==> flow/design.v <==
module my_mem_stage #(
    parameter WORDS = 96,
    parameter WD = 6,
    parameter AW = $clog2(WORDS)
) (
    input wire core_clk,
    input wire rstn,
    input wire valid,
    input wire [AW-1:0] addr_in,
    input wire wr_en_in,
    input wire [WD-1:0] write_data_in,
    output wire [WD-1:0] dout_out
);
    reg [AW-1:0] addr_s;
    always @(posedge core_clk or negedge rstn) begin
        if (~rstn) begin
            addr_s <= 0;
        end else if (valid) begin
            addr_s <= addr_in;
        end
    end
    reg wr_en_s;
    always @(posedge core_clk or negedge rstn) begin
        if (~rstn) begin
            wr_en_s <= 1'b0;
        end else if (valid) begin
            wr_en_s <= wr_en_in;
        end
    end
    reg [WD-1:0] write_data_s;
    always @(posedge core_clk or negedge rstn) begin
        if (~rstn) begin
            write_data_s <= 0;
        end else if (valid) begin
            write_data_s <= write_data_in;
        end
    end
    reg [WD-1:0] ram [0:WORDS-1];
    always @(posedge core_clk)
        if (valid && wr_en_s) ram[addr_s] <= write_data_s;
    assign dout_out = wr_en_s ? write_data_s : ram[addr_s];
endmodule
# From RTL to reports: my_mem_stage
# The steps from the RTL of my_mem_stage to its reports follow in flow order.
# Line numbers count from 1 in the design file above.
# Operators: Yosys type, input widths -> output width; for muxes data width and select width s.
# Cell names lack the library's common part.
inputs:
  design: "my_mem_stage"
  clk_port: "core_clk"
  cell_library: "sky130hd"
  pvt_corner: "tt_025C_1v80"

# Word-level counts
# Counts by Yosys on the flattened word-level netlist (proc, flatten, opt, wreduce; memories kept). Register bits leave out memories and registers merged into their read ports (data or address); mux counts leave out enables and synchronous resets folded into registers. Print and check cells are left out. Cells with the same type and inputs are merged into one.
# Yosys's memory passes give these memory sizes; they may raise the number of words (mostly to a power of two), join words into wider ones and drop unused or constant bits.
bits:
  register_bits: 14
  ramBits: 576
  memories: 1
  wordCells: 9
op_classes:
  mux: 4
  n_reduce_logical: 1
mem_list:
  columns: ["memory", "size", "word_bits", "rd", "wr", "line", "source"]
  rows:
  - ["ram", 96, 6, 1, 1, 38, "reg [WD-1:0] ram [0:WORDS-1];"]
ops:
  columns: ["cell", "n"]
  rows:
  - ["$mux 6", 2]
  - ["$mux 7", 1]
  - ["$logic_and 1x1->1", 1]
  - ["$mux 1", 1]

# Depth
# Depth = most cells in a row (Yosys ltp): at word level without a register or memory, in the mapped netlist without a sequential cell, where the memories' decode and read muxes count.
depth:
  ltp_word: 2
  ABC_AREA: 0
  mapped_depth: 10
  depth_no_buf: 6

# Synthesis result
# Yosys stat after the flow's synthesis: flattened, memories mapped to cells. It holds for the ABC_AREA given above (unset counts as 0); a run with the other value may have another netlist.
# Totals and module areas in this step are rounded.
mapped:
  stdcells: 1309
  synth_area_um2: 23450
  sequential_area_um2: 17650
  flip_flops: 590
  buf_cells: 90
by_type:
  columns: ["cell", "n", "type_area_um2"]
  rows:
  - ["edfxtp_1", 576, 1.73E+04]
  - ["mux4_2", 58, 1.31E+03]
  - ["mux2i_1", 75, 750.72]
  - ["mux2_2", 40, 450.432]
  - ["nor2_1", 109, 409.142]
  - ["a221oi_1", 44, 385.37]
  - ["dfrtp_1", 14, 350.336]
  - ["a22oi_1", 26, 195.187]
  - ["nand2_1", 48, 180.173]
  - ["buf_2", 29, 145.139]
  - ["buf_4", 19, 142.637]
  - ["a221o_1", 14, 140.134]
  - ["a21oi_1", 27, 135.13]
  - ["clkbuf_1", 31, 116.362]
  - ["o21ai_0", 23, 115.11]
  - ["a22o_1", 11, 96.342]
  - ["o22ai_1", 15, 93.84]
  - ["buf_6", 8, 90.086]
# Other cell types: 41; their cells: 142.

# Timing after synthesis
# Source: OpenSTA report_checks on the synthesized netlist (no wires, ideal clock, input and output delay 20% of the period each), path of least setup slack; recovery checks are left aside. Register names are those of the netlist, which keeps one name where synthesis merged equal registers.
synth_timing:
  path_kind: "register to output"
  startpoint: "register addr_s[0]"
  endpoint: "output port dout_out[4]"
  tclk_ns: 3.09
  t_first_pin_ns: 0.000
  t_arrival_ns: 1.980
  required_time_ns: 2.472
  slack_ns: 0.492
  delay_ns: 1.980
  stages: 8
  period_less_setup_slack_ns: 2.598
# "delay_ns" = arrival - input delay + setup time.
# A path that ends at an output port has no setup time.
# "stages": output pins that drive a net of the path, with the launching flip-flop's if there is one; two outputs of one cell count as two.
# "period_less_setup_slack_ns" is the clock period less the worst setup slack; recovery checks do not enter. This is arithmetic on one report: input and output delays are still those of the set period (20% each).
# Between the ends stands the longest chain of elaborated cells between them, by number of cells; it is not shown to be the way that was timed. Of several equally long chains one is given.
# A line is the first line of the expression or statement that the cell stems from. Yosys adds cells for indexed reads and writes and turns some case tables into memories.
# A memory read counts as a cell of the chain, while the word-level depth stops at memories.
synth_between:
  cell_sequence: "dfrtp_1 > buf_6 > buf_6 > nor2_4 > a221oi_1 > o221a_2 > or4_1 > a32oi_1"
  elab_chain_cells: 2
synth_rtl:
  columns: ["element", "line", "source"]
  rows:
  - ["start: declaration", 14, "reg [AW-1:0] addr_s;"]
  - ["start: assignment", 17, "addr_s <= 0;"]
  - ["start: assignment", 19, "addr_s <= addr_in;"]
  - ["$mem_v2 96x6", 38, "reg [WD-1:0] ram [0:WORDS-1];"]
  - ["$mux 6", 41, "assign dout_out = wr_en_s ? write_data_s : ram[addr_s];"]
  - ["end: declaration", 12, "output wire [WD-1:0] dout_out"]

# Path in the finished layout
# From the final timing report of run A: the path of least setup slack in the routed layout; clock arrival at registers is part of the times.
layout_timing:
  path_kind: "register to output"
  startpoint: "register addr_s[0]"
  endpoint: "output port dout_out[2]"
  tclk_ns: 2.4
  t_first_pin_ns: 0.61
  t_arrival_ns: 3.22
  required_time_ns: 1.92
  slack_ns: -1.30
  stages: 10
# Between the ends stands the longest chain of elaborated cells between them, by number of cells; it is not shown to be the way that was timed. Of several equally long chains one is given.
# A memory read counts as a cell of the chain, while the word-level depth stops at memories.
layout_between:
  cell_sequence: "dfrtp_4 > buf_16 > buf_4 > buf_4 > mux4_2 > mux2i_1 > o21ai_0 > o32ai_2 > o31ai_4 > buf_2"
  elab_chain_cells: 2
layout_rtl:
  columns: ["element", "line", "source"]
  rows:
  - ["start: declaration", 14, "reg [AW-1:0] addr_s;"]
  - ["start: assignment", 17, "addr_s <= 0;"]
  - ["start: assignment", 19, "addr_s <= addr_in;"]
  - ["$mem_v2 96x6", 38, "reg [WD-1:0] ram [0:WORDS-1];"]
  - ["$mux 6", 41, "assign dout_out = wr_en_s ? write_data_s : ram[addr_s];"]
  - ["end: declaration", 12, "output wire [WD-1:0] dout_out"]

Hand-over note for my_mem_stage

Flow measurements of my_mem_stage on sky130hd: 3 stored runs with different settings, listed in no order. Input and output delays are each 20% of the period that was set; the output load is 0.01 pF.
"period_reached_ns" means the clock period less the worst setup slack. The figure is calculated, with input and output delays left at 20% of the set period.
"worst_path_ns": the worst setup path's part of the clock period (all of it between registers, 20% less for each end at a port) less its slack. A launch clock that arrives late makes it longer, a capture clock that arrives late makes it shorter.
"fin_power_uw" rests on the timing tool's default activity at the inputs, not on a simulated workload.
Results are given in rounded form.

--- run A ---
==> flow/run.sh <==
#!/bin/bash
# the make line also repeats the synthesis and layout settings of config.mk as NAME=value (left out here)
make -C /OpenROAD-flow-scripts/flow DESIGN_CONFIG=/design/flow/config.mk WORK_HOME=/design/flow/orfs CLKGATE_MAP_FILE= finish
==> flow/config.mk <==
export PLATFORM = sky130hd
export DESIGN_NAME = my_mem_stage
export DESIGN_NICKNAME = my_mem_stage
export VERILOG_FILES = /design/flow/design.v
export SDC_FILE = /design/flow/constraint.sdc
export NUM_CORES = 4
export LEC_CHECK = 0
export CAP_MARGIN = 25
export CORE_MARGIN = 9
export CORE_UTILIZATION = 62
export CTS_CLUSTER_DIAMETER = 134
export GPL_ROUTABILITY_DRIVEN = 1
export PLACE_DENSITY = 0.45
export SETUP_SLACK_MARGIN = -0.12
export SLEW_MARGIN = 0
==> flow/constraint.sdc <==
create_clock -name core_clock -period 2.4 [get_ports {core_clk}]
set_input_delay 0.4800 -clock core_clock [delete_from_list [all_inputs] [get_ports {core_clk}]]
set_output_delay 0.4800 -clock core_clock [all_outputs]
set_load 0.01 [all_outputs]

==> results, as YAML <==
results:
  post_synth_area_um2: 23450
  design.die.area_um2: 45150
  finish.utilization_frac: 0.79
  setup_ws_ns: -1.304
  fin_power_uw: 23440
  period_reached_ns: 3.704
  worst_path_ns: 3.22
  worst_path_kind: "register to output"

--- run B ---
==> flow/run.sh <==
#!/bin/bash
# the make line also repeats the synthesis and layout settings of config.mk as NAME=value (left out here)
make -C /OpenROAD-flow-scripts/flow DESIGN_CONFIG=/design/flow/config.mk WORK_HOME=/design/flow/orfs CLKGATE_MAP_FILE= finish
==> flow/config.mk <==
export PLATFORM = sky130hd
export DESIGN_NAME = my_mem_stage
export DESIGN_NICKNAME = my_mem_stage
export VERILOG_FILES = /design/flow/design.v
export SDC_FILE = /design/flow/constraint.sdc
export NUM_CORES = 4
export LEC_CHECK = 0
export CAP_MARGIN = 20
export CORE_MARGIN = 2
export CORE_UTILIZATION = 40
export SLEW_MARGIN = 20
==> flow/constraint.sdc <==
create_clock -name core_clock -period 3.09 [get_ports {core_clk}]
set_input_delay 0.6180 -clock core_clock [delete_from_list [all_inputs] [get_ports {core_clk}]]
set_output_delay 0.6180 -clock core_clock [all_outputs]
set_load 0.01 [all_outputs]

==> results, as YAML <==
results:
  post_synth_area_um2: 23450
  design.die.area_um2: 60580
  finish.utilization_frac: 0.507
  setup_ws_ns: -0.753
  fin_power_uw: 18170
  period_reached_ns: 3.843
  worst_path_ns: 3.22
  worst_path_kind: "register to output"

--- run C ---
==> flow/run.sh <==
#!/bin/bash
# the make line also repeats the synthesis and layout settings of config.mk as NAME=value (left out here)
make -C /OpenROAD-flow-scripts/flow DESIGN_CONFIG=/design/flow/config.mk WORK_HOME=/design/flow/orfs CLKGATE_MAP_FILE= finish
==> flow/config.mk <==
export PLATFORM = sky130hd
export DESIGN_NAME = my_mem_stage
export DESIGN_NICKNAME = my_mem_stage
export VERILOG_FILES = /design/flow/design.v
export SDC_FILE = /design/flow/constraint.sdc
export NUM_CORES = 4
export LEC_CHECK = 0
export ABC_AREA = 0
export CAP_MARGIN = 10
export CELL_PAD_IN_SITES_DETAIL_PLACEMENT = 2
export CELL_PAD_IN_SITES_GLOBAL_PLACEMENT = 1
export CORE_MARGIN = 2
export CORE_UTILIZATION = 44
export PLACE_DENSITY_LB_ADDON = 0.26
export SETUP_SLACK_MARGIN = -0.34
export SLEW_MARGIN = 30
==> flow/constraint.sdc <==
create_clock -name core_clock -period 4.65 [get_ports {core_clk}]
set_input_delay 0.9300 -clock core_clock [delete_from_list [all_inputs] [get_ports {core_clk}]]
set_output_delay 0.9300 -clock core_clock [all_outputs]
set_load 0.01 [all_outputs]

==> results, as YAML <==
results:
  post_synth_area_um2: 23450
  design.die.area_um2: 55160
  finish.utilization_frac: 0.515
  setup_ws_ns: -0.298
  fin_power_uw: 12210
  period_reached_ns: 4.948
  worst_path_ns: 4.02
  worst_path_kind: "register to output"

End of note.
